==> flow/design.v <==
module ex_compare_v2 #(
   parameter DWIDTH = 24
) (
   input clock,
   input [DWIDTH-1:0] a,
   input [DWIDTH-1:0] b,
   input [DWIDTH-1:0] c,
   output ok
);
   reg [DWIDTH-1:0] a_reg;
   reg [DWIDTH-1:0] b_reg;
   reg [DWIDTH-1:0] c_reg;
   always @(posedge clock) begin
      a_reg <= a;
      b_reg <= b;
      c_reg <= c;
   end
   assign ok = (a_reg >= b_reg) && (a_reg <= c_reg);
endmodule
# Reports on ex_compare_v2
# Tool output for the design above, in the order of the flow.
# Line numbers count from 1 in the design file above.
# Operators carry their Yosys type and port widths (W data, S select, Z words).
# Cell names lack the library's common part.
# A cell with n/a has no value.
# design
design	ex_compare_v2
clock_port	clock
library	sky130hd
pvt_corner	tt_025C_1v80

# Elaborated design
# Yosys after proc, flatten, opt, wreduce and memory -nomap, before mapping. Enables and synchronous resets that opt folds into registers are not counted as muxes. Memory bits, and registers merged into a memory's read port (data or address), are not among the register bits. Print and check cells are not counted. Equal cells are merged and count once.
# word_totals
clocked_rd_ports_x_width	0
out_inout_bits	1
word_cells	6
latchBits	0
ramBits	0
n_memories	0
romBits	0
reg_bits	72
# op_classes
n_cmp	2
n_div	0
reduce_logical	1
n_shift	0
mux	0
eq_ne	0
multipliers	0
n_addsub	0
n_logic	0
# op_table
cell	count
$ge A24 B24 Y1	1
$le A24 B24 Y1	1
$logic_and A1 B1 Y1	1

# Longest topological paths
# Yosys ltp: most cells in a row. Word level: on the elaborated netlist, between registers, memories and ports. Mapped: between sequential cells and ports; inverters and the memories' decode and read muxes count.
# depth
ltp_word	2
abc_area	0
ltp_mapped	8

# Netlist
# Source: synth_stat.txt of the flow (Yosys; design flattened, memories mapped). It holds for the ABC_AREA given above (unset counts as 0); a run with the other value may have another netlist.
# The area totals of this step are shown rounded.
# mapped
ff_cells	72
seqArea_um2	1400
area_um2	2600
buffers	0
mapped_cells	235
# types
type	count
dfxtp_1	72
ha_1	48
inv_1	47
a21oi_1	16
a21o_1	5
nand4_1	6
nand2_1	9
nand4_2	2
nand3_1	4
o21ai_0	4
nor2_1	5
a2111oi_0	2
a211oi_1	2
o211ai_1	2
nor4_2	1
a221o_1	1
a211o_1	1
a221oi_1	1
# Not listed: further types 7, cells in them 7.

# Worst setup path after synthesis
# Path of least setup slack by OpenSTA after synthesis, without wires, with an ideal clock, recovery checks aside; 20% of the period is set as input and as output delay. Where synthesis merged equal registers, the netlist keeps one of their names.
# synth_timing
path_type	register to output
from	reg c_reg[21]
to	out ok
period_ns	2.75
required_ns	2.200
path_delay_ns	1.763
output_delay_ns	0.550
stages	8
path_slack_ns	0.437
launch_ns	0.000
arrival_time_ns	1.763
period_less_setup_slack_ns	2.313
# "path_delay_ns" is the arrival time less input delay plus setup time.
# At an output port there is no setup time.
# "stages" counts driving pins, that of a launching flip-flop among them; a cell with two outputs on the path counts twice.
# "period_less_setup_slack_ns" is the clock period less the worst setup slack; recovery checks do not enter. This is arithmetic on one report: input and output delays are still those of the set period (20% each).
# The rows between start and end are the longest chain of elaborated cells between them; the timing report does not say that the signal goes this way. Where chains are equally long, one stands for them.
# A line is the first line of the expression or statement that the cell stems from. Yosys adds cells for indexed reads and writes and turns some case tables into memories.
# synth_between
path_cell_list	dfxtp_1 > inv_1 > ha_1 > nand4_2 > nor4_2 > nand4_1 > or3_1 > a2bb2oi_1
elab_chain_len	2
# synth_rtl
element	line_no	text
from (decl)	12	reg [DWIDTH-1:0] c_reg;
from (assign)	16	c_reg <= c;
$le A24 B24 Y1	18	assign ok = (a_reg >= b_reg) && (a_reg <= c_reg);
$logic_and A1 B1 Y1	18
to (decl)	8	output ok

# Path in the finished layout
# Path of least setup slack in the final report of run A (OpenROAD, finished layout, wires in). Where an end is a register, its clock arrival counts in the times.
# layout_timing
path_type	register to output
from	reg a_reg[20]
to	out ok
launch_ns	0.34
path_slack_ns	-0.01
stages	8
required_ns	2.20
output_delay_ns	0.55
arrival_time_ns	2.21
period_ns	2.75
# The rows between start and end are the longest chain of elaborated cells between them; the timing report does not say that the signal goes this way. Where chains are equally long, one stands for them.
# layout_between
path_cell_list	dfxtp_1 > ha_4 > nand4_4 > nor4_4 > nand4_1 > or3_4 > a2bb2oi_2 > buf_2
elab_chain_len	2
# layout_rtl
element	line_no	text
from (decl)	10	reg [DWIDTH-1:0] a_reg;
from (assign)	14	a_reg <= a;
$ge A24 B24 Y1	18	assign ok = (a_reg >= b_reg) && (a_reg <= c_reg);
$logic_and A1 B1 Y1	18
to (decl)	8	output ok

# Design ex_compare_v2 on sky130hd. What follows are 3 stored runs of the flow, each under its own settings; their order means nothing. The constraints put input and output delay at 20% of the set period each and load the outputs with 0.01 pF.
# "achieved_clock_period_ns" = clock period - worst setup slack. The figure is calculated, with input and output delays left at 20% of the set period.
# "worst_path_time_ns": the worst setup path's part of the clock period (all of it between registers, 20% less for each end at a port) less its slack. A launch clock that arrives late makes it longer, a capture clock that arrives late makes it shorter.
# "power_total_mw" rests on the timing tool's default activity at the inputs, not on a simulated workload.
# Measured values are rounded.
# A setting shown as - is not set for that run.
run name	period_ns	CAP_MARGIN	CORE_MARGIN	CORE_UTILIZATION	SLEW_MARGIN	SETUP_SLACK_MARGIN	PLACE_DENSITY_LB_ADDON	CELL_PAD_IN_SITES_GLOBAL_PLACEMENT	CTS_CLUSTER_DIAMETER	MIN_ROUTING_LAYER	PLACE_DENSITY	HOLD_SLACK_MARGIN	CORE_ASPECT_RATIO	TNS_END_PERCENT	ys_area_um2	post_route_stdcell_area_um2	worst_path_time_ns	path_kind	die_um2	worst_hold_slack_ns	worstSetupSlack_ns	achieved_clock_period_ns	util_frac	tns_ns	power_total_mw
run A	2.75	20	2	40	20	-	-	-	-	-	-	-	-	-	2600	4000	2.21	register to output	7200	0.64	-0.009	2.759	0.63	-0.009	2.5
run B	2.0	0	2	21	25	0.35	0.27	0	327	met1	-	-	-	-	2600	4200	2.20	register to output	13000	0.50	-0.60	2.601	0.35	-0.60	3.5
run C	2.75	30	2	25	5	0.1	-	2	130	-	0.42	0.25	0.64	45	2600	4200	2.27	register to output	11000	0.66	-0.066	2.816	0.42	-0.066	2.7
